==> flow/design.v <==
module u_mpy_n #(
   parameter WD = 11
) (
   input logic aclk,
   input logic [WD-1:0] in_op_a,
   input logic [WD-1:0] in_op_b,
   input logic [2*WD-1:0] in_op_c,
   output logic [2*WD:0] out_q
);
   logic [WD-1:0] r_op_a;
   logic [WD-1:0] r_op_b;
   logic [2*WD-1:0] r_op_c;
   assign out_q = r_op_a * r_op_b + r_op_c;
   always_ff @(posedge aclk) begin
      r_op_a <= in_op_a;
      r_op_b <= in_op_b;
      r_op_c <= in_op_c;
   end
endmodule
Tool chain data of u_mpy_n
Tool output for the design above, in the order of the flow.
Line numbers count from 1 in the design file above.
Operators: Yosys type, input widths -> output width; for muxes data width and select width s.
Library cell names are shortened.
{ "inputs": {"top_module": "u_mpy_n", "clock": "aclk", "cell_library": "sky130hd", "corner": "tt_025C_1v80"} }

After elaboration
Source: Yosys, flattened and elaborated, memories not mapped. Widths are those after wreduce; folded enables and synchronous resets count as part of the registers. Registers that Yosys merges into a memory's read port (data or address) are not register bits. Print and check cells do not count. Equal cells are merged and count once.
{ "op_classes": {"n_addsub": 1, "mul": 1} }
{ "op_table": {"columns": ["cell", "count"], "rows": [
  ["$mul 11x11->22", 1],
  ["$add 22x22->23", 1]
]} }
{ "bits": {"reg_bits": 44, "out_inout_bits": 23} }

Longest topological paths
Longest topological path by Yosys (ltp), each cell counted once; first at word level (registers and memories cut), then after technology mapping (sequential cells cut; the memories' decode and read muxes count).
{ "logic_depth": {"depth_word": 2, "ABC_AREA": 0, "mapped_depth": 19, "ltp_nobuf": 18} }

Synthesis result
Source: synth_stat.txt of the flow (Yosys; design flattened, memories mapped). It holds for the ABC_AREA given above (unset counts as 0); a run with the other value may have another netlist.
The area totals of this step are shown rounded.
{ "by_type": {"columns": ["type", "count", "area_total_um2"], "rows": [
  ["fa_1", 102, 2.04E+03],
  ["dfxtp_1", 44, 880.845],
  ["ha_1", 59, 738.208],
  ["inv_1", 167, 626.851],
  ["nand2_1", 88, 330.317],
  ["and2_1", 46, 287.776],
  ["xnor2_1", 12, 105.101],
  ["clkbuf_1", 22, 82.579],
  ["a21oi_1", 14, 70.067],
  ["nor2_1", 12, 45.043],
  ["a21o_1", 5, 37.536],
  ["xor2_1", 4, 35.034],
  ["nand3_1", 5, 25.024],
  ["o21a_1", 3, 22.522],
  ["o21ai_0", 4, 20.019],
  ["o21ai_1", 4, 20.019],
  ["nand2b_1", 3, 18.768],
  ["o2111ai_1", 2, 17.517]
]} }
Not listed: further types 23, cells in them 28.
{ "synth_totals": {"cell_count": 624, "area_mm2": 0.005648, "sequential_area_mm2": 0.0008808, "ff_cells": 44, "n_buf": 24} }

Path before layout
Source: OpenSTA report_checks on the synthesized netlist (no wires, ideal clock, input and output delay 20% of the period each), path of least setup slack; recovery checks are left aside. Register names are those of the netlist, which keeps one name where synthesis merged equal registers.
{ "synth_path": {"path_type": "reg-to-output", "from": "register r_op_a[7]", "to": "output out_q[21]", "period_ns": 7.36, "out_delay_ns": 1.472, "arrival_time_ns": 4.708, "slack_ns": 1.180, "path_delay_ns": 4.708, "stages": 17, "n_path_buf": 1, "synth_period_reached_ns": 6.18} }
"path_delay_ns" is the arrival time less input delay plus setup time.
A path that ends at an output port has no setup time.
"stages": output pins that drive a net of the path, with the launching flip-flop's if there is one; two outputs of one cell count as two.
"synth_period_reached_ns" = period - worst setup slack (recovery checks aside). The figure is calculated, with input and output delays left at 20% of the set period.
The rows between start and end are the longest chain of elaborated cells between them; the timing report does not say that the signal goes this way. Where chains are equally long, one stands for them.
A line is the first line of the expression or statement that the cell stems from. Yosys adds cells for indexed reads and writes and turns some case tables into memories.
{ "synth_via": {"path_cell_list": "dfxtp_1 > clkbuf_1 > and2_1 > fa_1 > inv_1 > fa_1 > inv_1 > fa_1 > fa_1 > fa_1 > ha_1 > a21oi_1 > nand2b_4 > a21o_1 > a221o_1 > a31oi_2 > xnor2_1", "elab_chain_cells": 2, "cone_cells": 2, "cone_lines": 1, "classes_between": "add/sub (1); mul (1)"} }
{ "synth_lines": {"columns": ["element", "line", "source"], "rows": [
  ["start: declaration", 10, "logic [WD-1:0] r_op_a;"],
  ["start: assignment", 15, "r_op_a <= in_op_a;"],
  ["$mul 11x11->22", 13, "assign out_q = r_op_a * r_op_b + r_op_c;"],
  ["$add 22x22->23", 13, null],
  ["end: declaration", 8, "output logic [2*WD:0] out_q"]
]} }

Timing after layout
From the final timing report of flow run A: the path of least setup slack in the routed layout; clock arrival at registers is part of the times.
{ "layout_path": {"path_type": "reg-to-output", "from": "register r_op_b[6]", "to": "output out_q[21]", "period_ns": 4.77, "out_delay_ns": 0.95, "arrival_time_ns": 4.99, "slack_ns": -1.17, "stages": 18, "n_path_buf": 2} }
The rows between start and end are the longest chain of elaborated cells between them; the timing report does not say that the signal goes this way. Where chains are equally long, one stands for them.
{ "layout_via": {"path_cell_list": "dfxtp_4 > buf_4 > and2_4 > fa_1 > inv_1 > fa_1 > fa_1 > fa_1 > fa_1 > inv_2 > ha_4 > and3_4 > nand2b_4 > a21o_1 > a221o_1 > a31oi_2 > xnor2_2 > buf_2", "elab_chain_cells": 2, "cone_cells": 2, "cone_lines": 1, "classes_between": "add/sub (1); mul (1)"} }
{ "layout_lines": {"columns": ["element", "line", "source"], "rows": [
  ["start: declaration", 11, "logic [WD-1:0] r_op_b;"],
  ["start: assignment", 16, "r_op_b <= in_op_b;"],
  ["$mul 11x11->22", 13, "assign out_q = r_op_a * r_op_b + r_op_c;"],
  ["$add 22x22->23", 13, null],
  ["end: declaration", 8, "output logic [2*WD:0] out_q"]
]} }

Ticket comment

Stored flow runs of u_mpy_n (3 of them; Yosys, OpenROAD, sky130hd). They differ in their settings and are not a sequence. Constraints: input delay and output delay 20% of the set period each, output load 0.01 pF.
"timing.achieved_period_ns": clock period set for the run, less the worst setup slack. It is reckoned from that one timing run; input and output delays stay at 20% of the period that was set.
"worstPathTime_ns" = time allowed to the worst setup path (clock period - input delay - output delay, where it has them) - its slack; a late launch clock adds to it, a late capture clock takes from it.
The results are shown rounded.
[
  {
    "run": "flow run A",
    "settings": { "period_ns": 4.77, "CORE_UTILIZATION": 24, "CORE_ASPECT_RATIO": 0.79, "CORE_MARGIN": 8, "TNS_END_PERCENT": 70, "CTS_CLUSTER_SIZE": 41, "CTS_CLUSTER_DIAMETER": 266, "CAP_MARGIN": 20, "SLEW_MARGIN": 20 },
    "results": { "post_synth_area_mm2": 0.005648, "total_die_area_mm2": 0.02873, "finalCellArea_mm2": 0.008099, "layout_utilization_frac": 0.346, "timing.setup.ws_ns": -1.171, "tns_setup_ns": -14.98, "final_hold_ws_ns": 1.085, "timing.achieved_period_ns": 5.941, "worstPathTime_ns": 4.99, "timing.worst_path_kind": "reg-to-output" }
  },
  {
    "run": "flow run B",
    "settings": { "period_ns": 6.63, "CORE_UTILIZATION": 19, "PLACE_DENSITY_LB_ADDON": 0.1, "CORE_MARGIN": 8, "CELL_PAD_IN_SITES_GLOBAL_PLACEMENT": 3, "GPL_TIMING_DRIVEN": 0, "GPL_ROUTABILITY_DRIVEN": 0, "CTS_CLUSTER_DIAMETER": 141, "CAP_MARGIN": 40, "SLEW_MARGIN": 20 },
    "results": { "post_synth_area_mm2": 0.005648, "total_die_area_mm2": 0.0355, "finalCellArea_mm2": 0.007452, "layout_utilization_frac": 0.253, "timing.setup.ws_ns": 0.147, "tns_setup_ns": 0.000, "final_hold_ws_ns": 1.451, "timing.achieved_period_ns": 6.483, "worstPathTime_ns": 5.16, "timing.worst_path_kind": "reg-to-output" }
  },
  {
    "run": "flow run C",
    "settings": { "period_ns": 7.36, "CAP_MARGIN": 20, "CORE_MARGIN": 2, "CORE_UTILIZATION": 40, "SLEW_MARGIN": 20 },
    "results": { "post_synth_area_mm2": 0.005648, "total_die_area_mm2": 0.01509, "finalCellArea_mm2": 0.006699, "layout_utilization_frac": 0.484, "timing.setup.ws_ns": 0.219, "tns_setup_ns": 0.000, "final_hold_ws_ns": 1.600, "timing.achieved_period_ns": 7.141, "worstPathTime_ns": 5.67, "timing.worst_path_kind": "reg-to-output" }
  }
]
